==> flow/design.v <==
module u_order #(
  parameter W = 12
) (
  input clk,
  input aresetn,
  input [W-1:0] src1_in,
  input [W-1:0] src2_in,
  output le_out
);
  reg [W-1:0] src1_r;
  reg [W-1:0] src2_r;
  always @(posedge clk) begin
    if (~aresetn) begin
      src1_r <= 0;
      src2_r <= 0;
    end else begin
      src1_r <= src1_in;
      src2_r <= src2_in;
    end
  end
  assign le_out = (src1_r <= src2_r);
endmodule
Memo
Re: synthesis data of u_order

## From RTL to reports: u_order

Module u_order in several versions that differ in "W"; each step lists the members.
The RTL above is that of W 12; lines are counted from 1 in the file of the member named.
Operators: Yosys type, input widths -> output width; for muxes data width and select width s.
Library cell names are shortened.
A cell with n/a has no value.

- Top module: u_order
- Clock: clk
- Standard-cell library: sky130hd
- Library corner: tt_025C_1v80

## Members of the sweep

Lines of each other member's file that are new or changed against the file above; lines that a member lacks are not shown.

Lines new or changed:

| W | RTL line | text |
|---|---|---|
| 18 | 2 | `parameter W = 18` |
| 28 | 2 | `parameter W = 28` |
| 40 | 2 | `parameter W = 40` |
| 48 | 2 | `parameter W = 48` |
| 96 | 2 | `parameter W = 96` |
| 128 | 2 | `parameter W = 128` |

## After elaboration

Counts by Yosys on the flattened word-level netlist (proc, flatten, opt, wreduce; memories kept). Register bits leave out memories and registers merged into their read ports (data or address); mux counts leave out enables and synchronous resets folded into registers. Print and check cells are left out. Cells with the same type and inputs are merged into one.

Word-level totals:

| W | word-level cells | bits in registers | output and inout bits | input bits |
|---|---|---|---|---|
| 12 | 3 | 24 | 1 | 26 |
| 18 | 3 | 36 | 1 | 38 |
| 28 | 3 | 56 | 1 | 58 |
| 40 | 3 | 80 | 1 | 82 |
| 48 | 3 | 96 | 1 | 98 |
| 96 | 3 | 192 | 1 | 194 |
| 128 | 3 | 256 | 1 | 258 |

Operators by class:

| W | magnitude comparators |
|---|---|
| 12 | 1 |
| 18 | 1 |
| 28 | 1 |
| 40 | 1 |
| 48 | 1 |
| 96 | 1 |
| 128 | 1 |

Operator list:

| W | kinds with counts |
|---|---|
| 12 | $le 12x12->1 (1) |
| 18 | $le 18x18->1 (1) |
| 28 | $le 28x28->1 (1) |
| 40 | $le 40x40->1 (1) |
| 48 | $le 48x48->1 (1) |
| 96 | $le 96x96->1 (1) |
| 128 | $le 128x128->1 (1) |

## Logic depth

Yosys ltp: most cells in a row. Word level: on the elaborated netlist, between registers, memories and ports. Mapped: between sequential cells and ports; inverters and the memories' decode and read muxes count.

Depth:

| W | word-level depth | ABC_AREA | depth in mapped cells | mapped depth without buffers |
|---|---|---|---|---|
| 12 | 1 | 0 | 6 | 6 |
| 18 | 1 | 0 | 6 | 6 |
| 28 | 1 | 0 | 7 | 7 |
| 40 | 1 | 0 | 8 | 8 |
| 48 | 1 | 0 | 8 | 8 |
| 96 | 1 | 0 | 9 | 9 |
| 128 | 1 | 0 | 9 | 9 |

## Netlist

The flow's flattened synthesis, as Yosys stat reports it; memories are mapped. The netlist is that of the ABC_AREA named above (0 if unset); the other value can give another one.
The area totals of this step are shown rounded.

Mapped netlist:

| W | mapped cells | sequential part of the area (µm²) | flip-flop cells | chip area (Yosys) (µm²) | buffer cells |
|---|---|---|---|---|---|
| 12 | 91 | 480.5 | 24 | 935.9 | 2 |
| 18 | 139 | 720.7 | 36 | 1415 | 3 |
| 28 | 214 | 1121 | 56 | 2220 | 6 |
| 40 | 310 | 1602 | 80 | 3139 | 8 |
| 48 | 375 | 1922 | 96 | 3796 | 10 |
| 96 | 754 | 3844 | 192 | 7562 | 21 |
| 128 | 996 | 5125 | 256 | 10060 | 28 |

Cells by type:

| W | types with counts |
|---|---|
| 12 | dfxtp_1 (24); and2_1 (24); ha_1 (12); inv_1 (12); a21oi_1 (4); nand4_1 (3); a21o_1 (2); nand3_1 (2); a211oi_1 (1); clkbuf_1 (2); o211ai_1 (1); o31ai_1 (1); nor2b_1 (1); or3_1 (1); nand2_1 (1) |
| 18 | dfxtp_1 (36); and2_1 (36); ha_1 (18); inv_1 (19); a21oi_1 (6); a21o_1 (3); nand2_1 (5); o21a_1 (2); or3_1 (2); clkbuf_1 (3); nand3_1 (2); a221oi_1 (1); and4_1 (1); o311ai_1 (1); o211ai_1 (1); and3_1 (1); nand4_1 (1); o22ai_1 (1) |
| 28 | dfxtp_1 (56); and2_1 (56); ha_1 (28); inv_1 (29); a21oi_1 (8); nand3_1 (5); nand4_1 (4); clkbuf_1 (6); and4_1 (2); a21boi_0 (2); a21o_1 (2); a221oi_2 (1); nand2_1 (4); nor2b_4 (1); nor4_2 (1); o211ai_2 (1); o41a_2 (1); a221o_1 (1); [+6] |
| 40 | dfxtp_1 (80); and2_1 (80); ha_1 (40); inv_1 (42); a21oi_1 (15); nand4_1 (10); a21o_1 (5); clkbuf_1 (8); o21ai_0 (5); nand3_1 (4); nand2_1 (5); nor3_1 (3); nor4_1 (2); a221o_1 (1); mux2i_1 (1); nor3_2 (1); o21ai_1 (2); a2111oi_0 (1); [+5] |
| 48 | dfxtp_1 (96); and2_1 (96); ha_1 (48); inv_1 (50); a21oi_1 (22); nand4_1 (10); nand2_1 (11); clkbuf_1 (10); a211oi_4 (1); a31o_1 (2); a21o_1 (2); nand3_1 (3); o211ai_1 (2); o21a_1 (2); o21ai_0 (3); o21ai_1 (3); nor2b_1 (2); nor4_1 (2); [+10] |
| 96 | dfxtp_1 (192); and2_1 (192); ha_1 (96); inv_1 (98); a21oi_1 (39); nand2_1 (31); nand4_1 (14); clkbuf_1 (21); o21ai_0 (14); nand3_1 (10); nor2_1 (10); a211oi_1 (4); a221oi_1 (3); nand4_2 (2); nor4_4 (1); a2111oi_0 (2); and4_1 (2); a21o_1 (2); [+21] |
| 128 | dfxtp_1 (256); and2_1 (256); ha_1 (128); inv_1 (133); a21oi_1 (45); nand4_1 (29); a21o_1 (17); clkbuf_1 (28); nand2_1 (26); o21ai_0 (14); nand3_1 (9); a221oi_1 (4); and4_1 (4); a211oi_1 (4); nor2_1 (8); nor3_1 (6); o21ai_1 (6); nor2b_1 (4); [+19] |

The mark [+n] counts cells that are not listed.

## Path before layout

Path of least setup slack by OpenSTA after synthesis, without wires, with an ideal clock, recovery checks aside; 20% of the period is set as input and as output delay. Where synthesis merged equal registers, the netlist keeps one of their names.

Path after synthesis:

| W | path type | from | to | delay of the path (ps) | path slack (ps) | stages on the path | clock period (ps) | synthesis period reached (ps) |
|---|---|---|---|---|---|---|---|---|
| 12 | flip-flop to output port | register src2_r[1] | output le_out | 1311 | 329 | 7 | 2050 | 1721 |
| 18 | flip-flop to output port | register src2_r[17] | output le_out | 1482 | 374 | 7 | 2320 | 1946 |
| 28 | flip-flop to output port | register src2_r[21] | output le_out | 1563 | 389 | 8 | 2440 | 2051 |
| 40 | flip-flop to output port | register src2_r[38] | output le_out | 1543 | 385 | 9 | 2410 | 2025 |
| 48 | flip-flop to output port | register src2_r[47] | output le_out | 1977 | 495 | 9 | 3090 | 2595 |
| 96 | flip-flop to output port | register src2_r[61] | output le_out | 2288 | 568 | 9 | 3570 | 3002 |
| 128 | flip-flop to output port | register src2_r[69] | output le_out | 2073 | 519 | 10 | 3240 | 2721 |

"delay of the path" is the arrival time less input delay plus setup time.
At an output port there is no setup time.
"stages on the path": output pins that drive a net of the path, with the launching flip-flop's if there is one; two outputs of one cell count as two.
"synthesis period reached" is the clock period less the worst setup slack; recovery checks do not enter. This is arithmetic on one report: input and output delays are still those of the set period (20% each).
The rows between start and end are the longest chain of elaborated cells between them; the timing report does not say that the signal goes this way. Where chains are equally long, one stands for them.
Each line given opens the expression or statement behind the cell; cells for indexed reads and writes are added by Yosys, which also makes memories of some case tables.

Between the ends, after synthesis, W 12:
- Length of the longest elaborated chain: 1

RTL lines, path after synthesis, W 12:

| what | RTL line | text |
|---|---|---|
| start: declaration | 11 | `reg [W-1:0] src2_r;` |
| start: assignment | 15 | `src2_r <= 0;` |
| start: assignment | 18 | `src2_r <= src2_in;` |
| $le 12x12->1 | 21 | `assign le_out = (src1_r <= src2_r);` |
| end: declaration | 8 | `output le_out` |

Between the ends, after synthesis, W 128:
- Length of the longest elaborated chain: 1

RTL lines, path after synthesis, W 128:

| what | RTL line | text |
|---|---|---|
| start: declaration | 11 | `reg [W-1:0] src2_r;` |
| start: assignment | 15 | `src2_r <= 0;` |
| start: assignment | 18 | `src2_r <= src2_in;` |
| $le 128x128->1 | 21 | `assign le_out = (src1_r <= src2_r);` |
| end: declaration | 8 | `output le_out` |

## Path in the finished layout

Path of least setup slack in the final report of the run of each member (OpenROAD, finished layout, wires in). Where an end is a register, its clock arrival counts in the times.
The path's times are printed in steps of 10 ps; the period is the one set.

Path post-layout:

| W | path type | from | to | stages on the path | path slack (ps) | path buffers | clock period (ps) | arrival (ps) |
|---|---|---|---|---|---|---|---|---|
| 12 | flip-flop to output port | register src2_r[3] | output le_out | 7 | -60 | 1 | 2050 | 1700 |
| 18 | flip-flop to output port | register src2_r[3] | output le_out | 8 | -110 | 1 | 2320 | 1960 |
| 28 | flip-flop to output port | register src2_r[22] | output le_out | 9 | -70 | 1 | 2440 | 2020 |
| 40 | flip-flop to output port | register src2_r[13] | output le_out | 10 | -180 | 1 | 2410 | 2110 |
| 48 | flip-flop to output port | register src2_r[45] | output le_out | 9 | 50 | 1 | 3090 | 2420 |
| 96 | flip-flop to output port | register src2_r[61] | output le_out | 10 | 110 | 1 | 3570 | 2740 |
| 128 | flip-flop to output port | register src2_r[73] | output le_out | 11 | -190 | 1 | 3240 | 2790 |

## Layout results

Settings and results of one run of the flow (Yosys, OpenROAD) for each member follow. The constraints put input and output delay at 20% of the set period each and load the outputs with 0.01 pF.

- CAP_MARGIN: 20
- CORE_MARGIN: 2
- CORE_UTILIZATION: 40
- SLEW_MARGIN: 20

Settings that differ:

| W | period_ns |
|---|---|
| 12 | 2.05 |
| 18 | 2.32 |
| 28 | 2.44 |
| 40 | 2.41 |
| 48 | 3.09 |
| 96 | 3.57 |
| 128 | 3.24 |

Final reports:

| W | smallest setup slack (ps) | total power after layout (mW) | summed negative setup slack (ps) | standard-cell area after routing (µm²) | cell area after synthesis (µm²) | utilization after layout | period achieved (ps) | die outline area (µm²) | worst hold slack after layout (ps) |
|---|---|---|---|---|---|---|---|---|---|
| 12 | -58 | 0.9698 | -58 | 1331 | 935.9 | 0.602 | 2108 | 2743 | 652 |
| 18 | -107 | 1.213 | -107 | 2081 | 1415 | 0.619 | 2427 | 4030 | 691 |
| 28 | -72 | 1.826 | -72 | 3068 | 2220 | 0.564 | 2512 | 6161 | 748 |
| 40 | -178 | 2.908 | -178 | 4532 | 3139 | 0.593 | 2588 | 8573 | 710 |
| 48 | 48 | 2.474 | 0 | 5152 | 3796 | 0.558 | 3042 | 10290 | 836 |
| 96 | 112 | 5.073 | 0 | 10680 | 7562 | 0.573 | 3458 | 20020 | 863 |
| 128 | -193 | 7.337 | -193 | 14210 | 10060 | 0.569 | 3433 | 26440 | 685 |

"period achieved" means the clock period less the worst setup slack. The figure is calculated, with input and output delays left at 20% of the set period.
"total power after layout": no workload was simulated; the value follows from the tool's default switching activity.
The measured numbers are rounded.
